==> flow/design.v <==
module cpu_cmp #(
    parameter integer WIDTH = 96
) (
    input wire sys_clk,
    input wire i_rst,
    input wire [WIDTH-1:0] first,
    input wire [WIDTH-1:0] second,
    output reg less,
    output reg is_eq,
    output reg gt
);
    reg [WIDTH-1:0] first_q;
    always @(posedge sys_clk) begin
        if (i_rst) begin
            first_q <= 0;
        end else begin
            first_q <= first;
        end
    end
    reg [WIDTH-1:0] second_q;
    always @(posedge sys_clk) begin
        if (i_rst) begin
            second_q <= 0;
        end else begin
            second_q <= second;
        end
    end
    always @(posedge sys_clk) begin
        if (i_rst) begin
            less <= 1'b0;
        end else begin
            less <= (first_q < second_q);
        end
    end
    always @(posedge sys_clk) begin
        if (i_rst) begin
            is_eq <= 1'b0;
        end else begin
            is_eq <= (first_q == second_q);
        end
    end
    always @(posedge sys_clk) begin
        if (i_rst) begin
            gt <= 1'b0;
        end else begin
            gt <= (first_q > second_q);
        end
    end
endmodule
== Step by step through the tools: cpu_cmp ==
The steps from the RTL of cpu_cmp to its reports follow in flow order.
Lines are those of the file above, counted from 1.
Operators: Yosys type, input widths -> output width; for muxes data width and select width s.
Cell names lack the library's common part.
Not given: n/a

* Top module: cpu_cmp
* Clock: sys_clk
* Library: sky130hd
* Library corner: tt_025C_1v80

== Word level ==
Source: Yosys, flattened and elaborated, memories not mapped. Widths are those after wreduce; folded enables and synchronous resets count as part of the registers. Registers that Yosys merges into a memory's read port (data or address) are not register bits. Print and check cells do not count. Equal cells are merged and count once.

* Output and inout bits: 3
* Bits of input ports: 194
* Flip-flop bits (word level): 195

* $lt $le $gt $ge: 2
* Eq/ne operators: 1

{| class="wikitable"
|+ Operators with widths
! cell !! count
|-
| $gt 96x96->1 || 1
|-
| $lt 96x96->1 || 1
|-
| $eq 96x96->1 || 1
|}

== Depth ==
Depth = most cells in a row (Yosys ltp): at word level without a register or memory, in the mapped netlist without a sequential cell, where the memories' decode and read muxes count.

* Word-level depth: 1
* ABC_AREA: 0
* Mapped depth: 9
* Mapped depth without buffers: 9

== After synthesis ==
Source: synth_stat.txt of the flow (Yosys; design flattened, memories mapped). It holds for the ABC_AREA given above (unset counts as 0); a run with the other value may have another netlist.
The area totals of this step are shown rounded.

* Mapped area: 7710 um2
* Flip-flops: 195
* Mapped cells: 764
* Area of sequential cells: 3900 um2

{| class="wikitable"
|+ Cell types
! cell !! count !! total area (um2)
|-
| dfxtp_1 || 195 || 3.9E+03
|-
| ha_1 || 96 || 1.2E+03
|-
| nor2b_1 || 192 || 1.2E+03
|-
| inv_1 || 99 || 371.606
|-
| a21oi_1 || 37 || 185.178
|-
| nand4_1 || 19 || 118.864
|-
| a21o_1 || 14 || 105.101
|-
| nand2_1 || 24 || 90.086
|-
| clkbuf_1 || 21 || 78.826
|-
| o21ai_0 || 9 || 45.043
|-
| a221oi_1 || 5 || 43.792
|-
| nor2_1 || 9 || 33.782
|-
| nand3_1 || 6 || 30.029
|-
| o21a_1 || 4 || 30.029
|-
| nor3_1 || 5 || 25.024
|-
| nor4_4 || 1 || 21.27
|-
| nor3_2 || 2 || 20.019
|-
| nor4_1 || 3 || 18.768
|}

Other cell types: 19; their cells: 23.

== Path before layout ==
OpenSTA on the mapped netlist: ideal clock, no wires. The path of least setup slack (recovery checks aside). Input and output delay are each 20% of the period. Register names are those of the netlist, which keeps one name where synthesis merged equal registers.

* Path kind: reg2reg
* From: register second_q[14]
* To: register gt
* Library setup time: 116 ps
* Setup slack: 461 ps
* Clock period: 2300 ps
* Driving pins on the path: 8
* Path buffers: 0
* Required time: 2184 ps
* Path delay: 1839 ps
* Arrival: 1723 ps
* Synthesis period reached: 1839 ps

"path delay" = arrival - input delay + setup time.
"driving pins on the path": output pins that drive a net of the path, with the launching flip-flop's if there is one; two outputs of one cell count as two.
"synthesis period reached" = period - worst setup slack (recovery checks aside). The figure is calculated, with input and output delays left at 20% of the set period.
Between the ends stands the longest chain of elaborated cells between them, by number of cells; it is not shown to be the way that was timed. Of several equally long chains one is given.
Each line given opens the expression or statement behind the cell; cells for indexed reads and writes are added by Yosys, which also makes memories of some case tables.

* Cell sequence: dfxtp_1 -> inv_1 -> ha_1 -> nand4_1 -> or4_4 -> nor3_2 -> nand4_1 -> and3b_1
* Cells in the longest elaborated chain: 1

{| class="wikitable"
|+ RTL lines, path after synthesis
! item !! RTL line !! text
|-
| from (decl) || 20 || <nowiki>reg [WIDTH-1:0] second_q;</nowiki>
|-
| from (assign) || 23 || <nowiki>second_q <= 0;</nowiki>
|-
| from (assign) || 25 || <nowiki>second_q <= second;</nowiki>
|-
| $gt 96x96->1 || 46 || <nowiki>gt <= (first_q > second_q);</nowiki>
|-
| to (assign) || 44 || <nowiki>gt <= 1'b0;</nowiki>
|-
| to (assign) || 46 ||
|-
| to (decl) || 10 || <nowiki>output reg gt</nowiki>
|}

== Worst path after layout ==
Path of least setup slack in the final report of entry A (OpenROAD, finished layout, wires in). Where an end is a register, its clock arrival counts in the times.
The path's times are printed in steps of 10 ps; the period is the one set.

* Path kind: reg2reg
* From: register second_q[49]
* To: register gt
* Driving pins on the path: 10
* Library setup time: 100 ps
* Required time: 2620 ps
* Clock period: 2300 ps
* Path buffers: 0
* Setup slack: 220 ps
* Arrival: 2400 ps

Between the ends stands the longest chain of elaborated cells between them, by number of cells; it is not shown to be the way that was timed. Of several equally long chains one is given.

* Cell sequence: dfxtp_1 -> inv_1 -> ha_1 -> a21oi_1 -> o21ai_1 -> a221oi_2 -> o211ai_1 -> a211oi_1 -> nand3_2 -> and3b_1
* Cells in the longest elaborated chain: 1

{| class="wikitable"
|+ RTL lines, path post-layout
! item !! RTL line !! text
|-
| from (decl) || 20 || <nowiki>reg [WIDTH-1:0] second_q;</nowiki>
|-
| from (assign) || 23 || <nowiki>second_q <= 0;</nowiki>
|-
| from (assign) || 25 || <nowiki>second_q <= second;</nowiki>
|-
| $gt 96x96->1 || 46 || <nowiki>gt <= (first_q > second_q);</nowiki>
|-
| to (assign) || 44 || <nowiki>gt <= 1'b0;</nowiki>
|-
| to (assign) || 46 ||
|-
| to (decl) || 10 || <nowiki>output reg gt</nowiki>
|}

Wiki page: cpu_cmp / flow data

3 stored runs of cpu_cmp in the flow (synthesis by Yosys, layout by OpenROAD, sky130hd cells), in arbitrary order. Constraints: input delay and output delay 20% of the set period each, output load 0.01 pF.
"period reached" is the run's clock period less its worst setup slack. It is reckoned from that one timing run; input and output delays stay at 20% of the period that was set.
"worst setup path time": the worst setup path's part of the clock period (all of it between registers, 20% less for each end at a port) less its slack. A launch clock that arrives late makes it longer, a capture clock that arrives late makes it shorter.
"power": no workload was simulated; the value follows from the tool's default switching activity.
"worst setup path time" is known to 10 ps.
Measured values are rounded.

=== Entry A ===
{| class="wikitable"
! Setting !! Value
|-
| period_ns || 2.3
|-
| CAP_MARGIN || 20
|-
| CORE_MARGIN || 2
|-
| CORE_UTILIZATION || 40
|-
| SLEW_MARGIN || 20
|-
! Result !! Value
|-
| Synthesis area || 7710 um2
|-
| Die size || 20400 um2
|-
| Standard-cell area of the final layout || 10600 um2
|-
| Utilization || 0.563
|-
| Worst setup slack after layout || 220 ps
|-
| Total negative setup slack || 0 ps
|-
| Lowest hold slack || 442 ps
|-
| Power || 0.00754 W
|-
| Period reached || 2080 ps
|-
| Worst setup path time || 2080 ps
|-
| Critical path type || reg2reg
|}

=== Entry B ===
{| class="wikitable"
! Setting !! Value
|-
| period_ns || 1.27
|-
| CORE_UTILIZATION || 34
|-
| PLACE_DENSITY_LB_ADDON || 0.09
|-
| CORE_ASPECT_RATIO || 0.61
|-
| CELL_PAD_IN_SITES_GLOBAL_PLACEMENT || 0
|-
| TNS_END_PERCENT || 90
|-
| ABC_AREA || 1
|-
| GPL_ROUTABILITY_DRIVEN || 0
|-
| CTS_CLUSTER_DIAMETER || 303
|-
| MAX_ROUTING_LAYER || met4
|-
| CAP_MARGIN || 20
|-
| CORE_MARGIN || 2
|-
| SLEW_MARGIN || 20
|-
! Result !! Value
|-
| Synthesis area || 8100 um2
|-
| Die size || 25100 um2
|-
| Standard-cell area of the final layout || 11600 um2
|-
| Utilization || 0.492
|-
| Worst setup slack after layout || -420 ps
|-
| Total negative setup slack || -1190 ps
|-
| Lowest hold slack || 134 ps
|-
| Power || 0.0137 W
|-
| Period reached || 1690 ps
|-
| Worst setup path time || 1690 ps
|-
| Critical path type || reg2reg
|}

=== Entry C ===
{| class="wikitable"
! Setting !! Value
|-
| period_ns || 1.25
|-
| CORE_UTILIZATION || 19
|-
| PLACE_DENSITY || 0.85
|-
| CORE_ASPECT_RATIO || 0.67
|-
| CELL_PAD_IN_SITES_DETAIL_PLACEMENT || 0
|-
| ABC_AREA || 1
|-
| CTS_CLUSTER_DIAMETER || 193
|-
| SLEW_MARGIN || 30
|-
| MIN_ROUTING_LAYER || met1
|-
| CAP_MARGIN || 20
|-
| CORE_MARGIN || 2
|-
! Result !! Value
|-
| Synthesis area || 8100 um2
|-
| Die size || 44300 um2
|-
| Standard-cell area of the final layout || 11800 um2
|-
| Utilization || 0.282
|-
| Worst setup slack after layout || -475 ps
|-
| Total negative setup slack || -1370 ps
|-
| Lowest hold slack || 128 ps
|-
| Power || 0.0143 W
|-
| Period reached || 1725 ps
|-
| Worst setup path time || 1720 ps
|-
| Critical path type || reg2reg
|}
